==> flow/design.v <==
module diff_unit_v2 #(
    parameter integer BITS = 80
) (
    input logic clk,
    input logic [BITS-1:0] in0_in,
    input logic [BITS-1:0] in1_in,
    output logic [BITS-1:0] res_out
);
    always_ff @(posedge clk)
        res_out <= (in0_in > in1_in) ? in0_in - in1_in : in1_in - in0_in;
endmodule
Step by step through the tools: diff_unit_v2. What the tools print for diff_unit_v2, step after step. Line numbers count from 1 in the design file above. Cell names lack the library's common part. The mark n/a stands for no value.

Design top: diff_unit_v2. Clock: clk. Standard-cell library: sky130hd. Timing corner: tt_025C_1v80.

After elaboration. Source: Yosys, flattened and elaborated, memories not mapped. Widths are those after wreduce; folded enables and synchronous resets count as part of the registers. Registers that Yosys merges into a memory's read port (data or address) are not register bits. Print and check cells do not count. Equal cells are merged and count once.

The figure for register bits is 80. Output and inout port bits: 80. For bits of input ports the number is 161.

The entry for mux-type cells reads 1. $add $sub $neg: 2. The figure for $lt $le $gt $ge is 1.

Operators by type and width (number): subtractor 80 bit (2); > comparator 80 bit (1); two-way mux 80 bit (1).

Depth. Depth = most cells in a row (Yosys ltp): at word level without a register or memory, in the mapped netlist without a sequential cell, where the memories' decode and read muxes count.

The entry for depth in word-level cells reads 2. ABC_AREA: 0. Under mapped depth stands 15. Under gate-level depth less buffers stands 13.

Mapped cells and area. Yosys stat after the flow's synthesis: flattened, memories mapped to cells. It holds for the ABC_AREA given above (unset counts as 0); a run with the other value may have another netlist. Totals and module areas in this step are rounded.

Flip-flops: 80. Cell count: 1776. For chip area (Yosys) the number is 12000 sq um.

Cells by type: ha_1 (number 159, area in all 1.99E+03 sq um); dfxtp_1 (number 80, area in all 1.6E+03 sq um); a21oi_1 (number 269, area in all 1.35E+03 sq um); o21ai_0 (number 149, area in all 745.715 sq um); inv_1 (number 185, area in all 694.416 sq um); nand2_1 (number 154, area in all 578.054 sq um); a21o_1 (number 64, area in all 480.461 sq um); nor2_1 (number 124, area in all 465.446 sq um); xnor2_1 (number 50, area in all 437.92 sq um); o21bai_1 (number 49, area in all 367.853 sq um); nand4_1 (number 55, area in all 344.08 sq um); xor2_1 (number 28, area in all 245.235 sq um); mux2i_1 (number 23, area in all 230.221 sq um); buf_2 (number 39, area in all 195.187 sq um); a211oi_1 (number 22, area in all 165.158 sq um); o21a_1 (number 20, area in all 150.144 sq um); nor3_1 (number 28, area in all 140.134 sq um); o211ai_1 (number 17, area in all 127.622 sq um).

Other cell types: 60; their cells: 261.

Path before layout. OpenSTA on the mapped netlist: ideal clock, no wires. The path of least setup slack (recovery checks aside). Input and output delay are each 20% of the period. Register names are those of the netlist, which keeps one name where synthesis merged equal registers.

Path kind: input to register. From: in in0_in[57]. To: reg res_out[32]. Path slack: 660 ps. For delay of the path the number is 2652 ps. The entry for input delay reads 828 ps. The entry for clock period reads 4140 ps. Under data required time stands 4068 ps. The figure for setup time is 72 ps. The figure for stages is 14. For data arrival time the number is 3408 ps. The entry for synthesis period reached reads 3480 ps.

"delay of the path" = arrival - input delay + setup time. "stages": output pins that drive a net of the path, with the launching flip-flop's if there is one; two outputs of one cell count as two. "synthesis period reached" = period - worst setup slack (recovery checks aside). The figure is calculated, with input and output delays left at 20% of the set period. Between the ends stands the longest chain of elaborated cells between them, by number of cells; it is not shown to be the way that was timed. Of several equally long chains one is given. Each line given opens the expression or statement behind the cell; cells for indexed reads and writes are added by Yosys, which also makes memories of some case tables.

Path through: inv_1 ha_1 buf_2 nand4_1 nor4_4 nand4_1 or3_4 nor2b_1 a22o_1 a31oi_4 buf_6 buf_6 mux2i_1 xor2_1. The entry for cells in the longest elaborated chain reads 2. The figure for elaborated cells between the ends (all ways) is 2. Classes of those cells: 1 x compare; 1 x mux.

Ends and longest elaborated chain, post-synthesis: from (decl) (RTL line 5) `input logic [BITS-1:0] in0_in,`; > comparator 80 bit (RTL line 10) `res_out <= (in0_in > in1_in) ? in0_in - in1_in : in1_in - in0_in;`; two-way mux 80 bit (RTL line 10); to (assign) (RTL line 10); to (decl) (RTL line 7) `output logic [BITS-1:0] res_out`.

Timing after layout. Path of least setup slack in the final report of run A (OpenROAD, finished layout, wires in). Where an end is a register, its clock arrival counts in the times. The report prints the path's times to 10 ps; the period is as set.

Path kind: input to register. From: in in0_in[0]. To: reg res_out[44]. The figure for stages is 15. Path slack: 100 ps. The entry for clock period reads 4140 ps. For data arrival time the number is 4340 ps. The entry for input delay reads 830 ps. The figure for setup time is 70 ps. Under data required time stands 4450 ps.

Between the ends stands the longest chain of elaborated cells between them, by number of cells; it is not shown to be the way that was timed. Of several equally long chains one is given.

Path through: clkdlybuf4s50_1 inv_1 ha_2 fa_2 nand3b_1 a211oi_2 a211o_1 a221oi_4 o21ai_4 a31oi_4 buf_4 buf_12 or3_4 a21oi_2 xnor2_1. The entry for cells in the longest elaborated chain reads 2. The figure for elaborated cells between the ends (all ways) is 4. Classes of those cells: 2 x add/sub; 1 x compare; 1 x mux.

Ends and longest elaborated chain, after layout: from (decl) (RTL line 5) `input logic [BITS-1:0] in0_in,`; subtractor 80 bit (RTL line 10) `res_out <= (in0_in > in1_in) ? in0_in - in1_in : in1_in - in0_in;`; two-way mux 80 bit (RTL line 10); to (assign) (RTL line 10); to (decl) (RTL line 7) `output logic [BITS-1:0] res_out`.

Data sheet: physical implementation of diff_unit_v2

Top module diff_unit_v2; platform sky130hd; tools Yosys and OpenROAD; 3 stored runs in no particular order. Input and output delays are each 20% of the period that was set; the output load is 0.01 pF. "reached clock period": clock period set for the run, less the worst setup slack. It is reckoned from that one timing run; input and output delays stay at 20% of the period that was set. By "critical path time" is meant the share of the clock period that the worst setup path is allowed (20% is reserved at inputs, 20% at outputs), minus its slack. Clock arrival times at its registers enter into it. "total power after layout" is the tool's figure for a default switching activity; nothing was simulated. "critical path time" is given in steps of 10 ps. Measured values are rounded.

Files of run A:
==> flow/run.sh <==
#!/bin/bash
# the make line also repeats the synthesis and layout settings of config.mk as NAME=value (left out here)
make -C /OpenROAD-flow-scripts/flow DESIGN_CONFIG=/design/flow/config.mk WORK_HOME=/design/flow/orfs CLKGATE_MAP_FILE= finish
==> flow/config.mk <==
export PLATFORM = sky130hd
export DESIGN_NAME = diff_unit_v2
export DESIGN_NICKNAME = diff_unit_v2
export VERILOG_FILES = /design/flow/design.v
export SDC_FILE = /design/flow/constraint.sdc
export NUM_CORES = 4
export LEC_CHECK = 0
export CAP_MARGIN = 20
export CORE_MARGIN = 2
export CORE_UTILIZATION = 40
export SLEW_MARGIN = 20
==> flow/constraint.sdc <==
create_clock -name core_clock -period 4.14 [get_ports {clk}]
set_input_delay 0.8280 -clock core_clock [delete_from_list [all_inputs] [get_ports {clk}]]
set_output_delay 0.8280 -clock core_clock [all_outputs]
set_load 0.01 [all_outputs]

Results of run A. The synthesized cell area stands at 12000 sq um. The die area comes to 32000 sq um. The standard-cell area after routing comes to 19000 sq um. The measured lowest setup slack is 100 ps. The total power after layout comes to 5.2 mW. The reached clock period reads 4035 ps. The critical path time comes to 3210 ps. Worst setup path type: input to register.

Files of run B:
==> flow/run.sh <==
#!/bin/bash
# the make line also repeats the synthesis and layout settings of config.mk as NAME=value (left out here)
make -C /OpenROAD-flow-scripts/flow DESIGN_CONFIG=/design/flow/config.mk WORK_HOME=/design/flow/orfs CLKGATE_MAP_FILE= finish
==> flow/config.mk <==
export PLATFORM = sky130hd
export DESIGN_NAME = diff_unit_v2
export DESIGN_NICKNAME = diff_unit_v2
export VERILOG_FILES = /design/flow/design.v
export SDC_FILE = /design/flow/constraint.sdc
export NUM_CORES = 4
export LEC_CHECK = 0
export CAP_MARGIN = 20
export CELL_PAD_IN_SITES_DETAIL_PLACEMENT = 2
export CELL_PAD_IN_SITES_GLOBAL_PLACEMENT = 2
export CORE_ASPECT_RATIO = 0.67
export CORE_MARGIN = 6
export CORE_UTILIZATION = 24
export CTS_CLUSTER_DIAMETER = 163
export CTS_CLUSTER_SIZE = 78
export GPL_ROUTABILITY_DRIVEN = 0
export GPL_TIMING_DRIVEN = 1
export SLEW_MARGIN = 20
==> flow/constraint.sdc <==
create_clock -name core_clock -period 4.24 [get_ports {clk}]
set_input_delay 0.8480 -clock core_clock [delete_from_list [all_inputs] [get_ports {clk}]]
set_output_delay 0.8480 -clock core_clock [all_outputs]
set_load 0.01 [all_outputs]

Results of run B. The synthesized cell area stands at 12000 sq um. The die area comes to 57000 sq um. The standard-cell area after routing comes to 19000 sq um. The measured lowest setup slack is -31 ps. The total power after layout comes to 5.4 mW. The reached clock period reads 4271 ps. The critical path time comes to 3420 ps. Worst setup path type: input to register.

Files of run C:
==> flow/run.sh <==
#!/bin/bash
# the make line also repeats the synthesis and layout settings of config.mk as NAME=value (left out here)
make -C /OpenROAD-flow-scripts/flow DESIGN_CONFIG=/design/flow/config.mk WORK_HOME=/design/flow/orfs CLKGATE_MAP_FILE= finish
==> flow/config.mk <==
export PLATFORM = sky130hd
export DESIGN_NAME = diff_unit_v2
export DESIGN_NICKNAME = diff_unit_v2
export VERILOG_FILES = /design/flow/design.v
export SDC_FILE = /design/flow/constraint.sdc
export NUM_CORES = 4
export LEC_CHECK = 0
export CAP_MARGIN = 20
export CELL_PAD_IN_SITES_GLOBAL_PLACEMENT = 1
export CORE_ASPECT_RATIO = 0.55
export CORE_MARGIN = 2
export CORE_UTILIZATION = 69
export CTS_CLUSTER_DIAMETER = 110
export CTS_CLUSTER_SIZE = 33
export MIN_ROUTING_LAYER = met1
export SLEW_MARGIN = 40
==> flow/constraint.sdc <==
create_clock -name core_clock -period 4.93 [get_ports {clk}]
set_input_delay 0.9860 -clock core_clock [delete_from_list [all_inputs] [get_ports {clk}]]
set_output_delay 0.9860 -clock core_clock [all_outputs]
set_load 0.01 [all_outputs]

Outcome of run C: stopped before the end: placement reported GPL-0301.
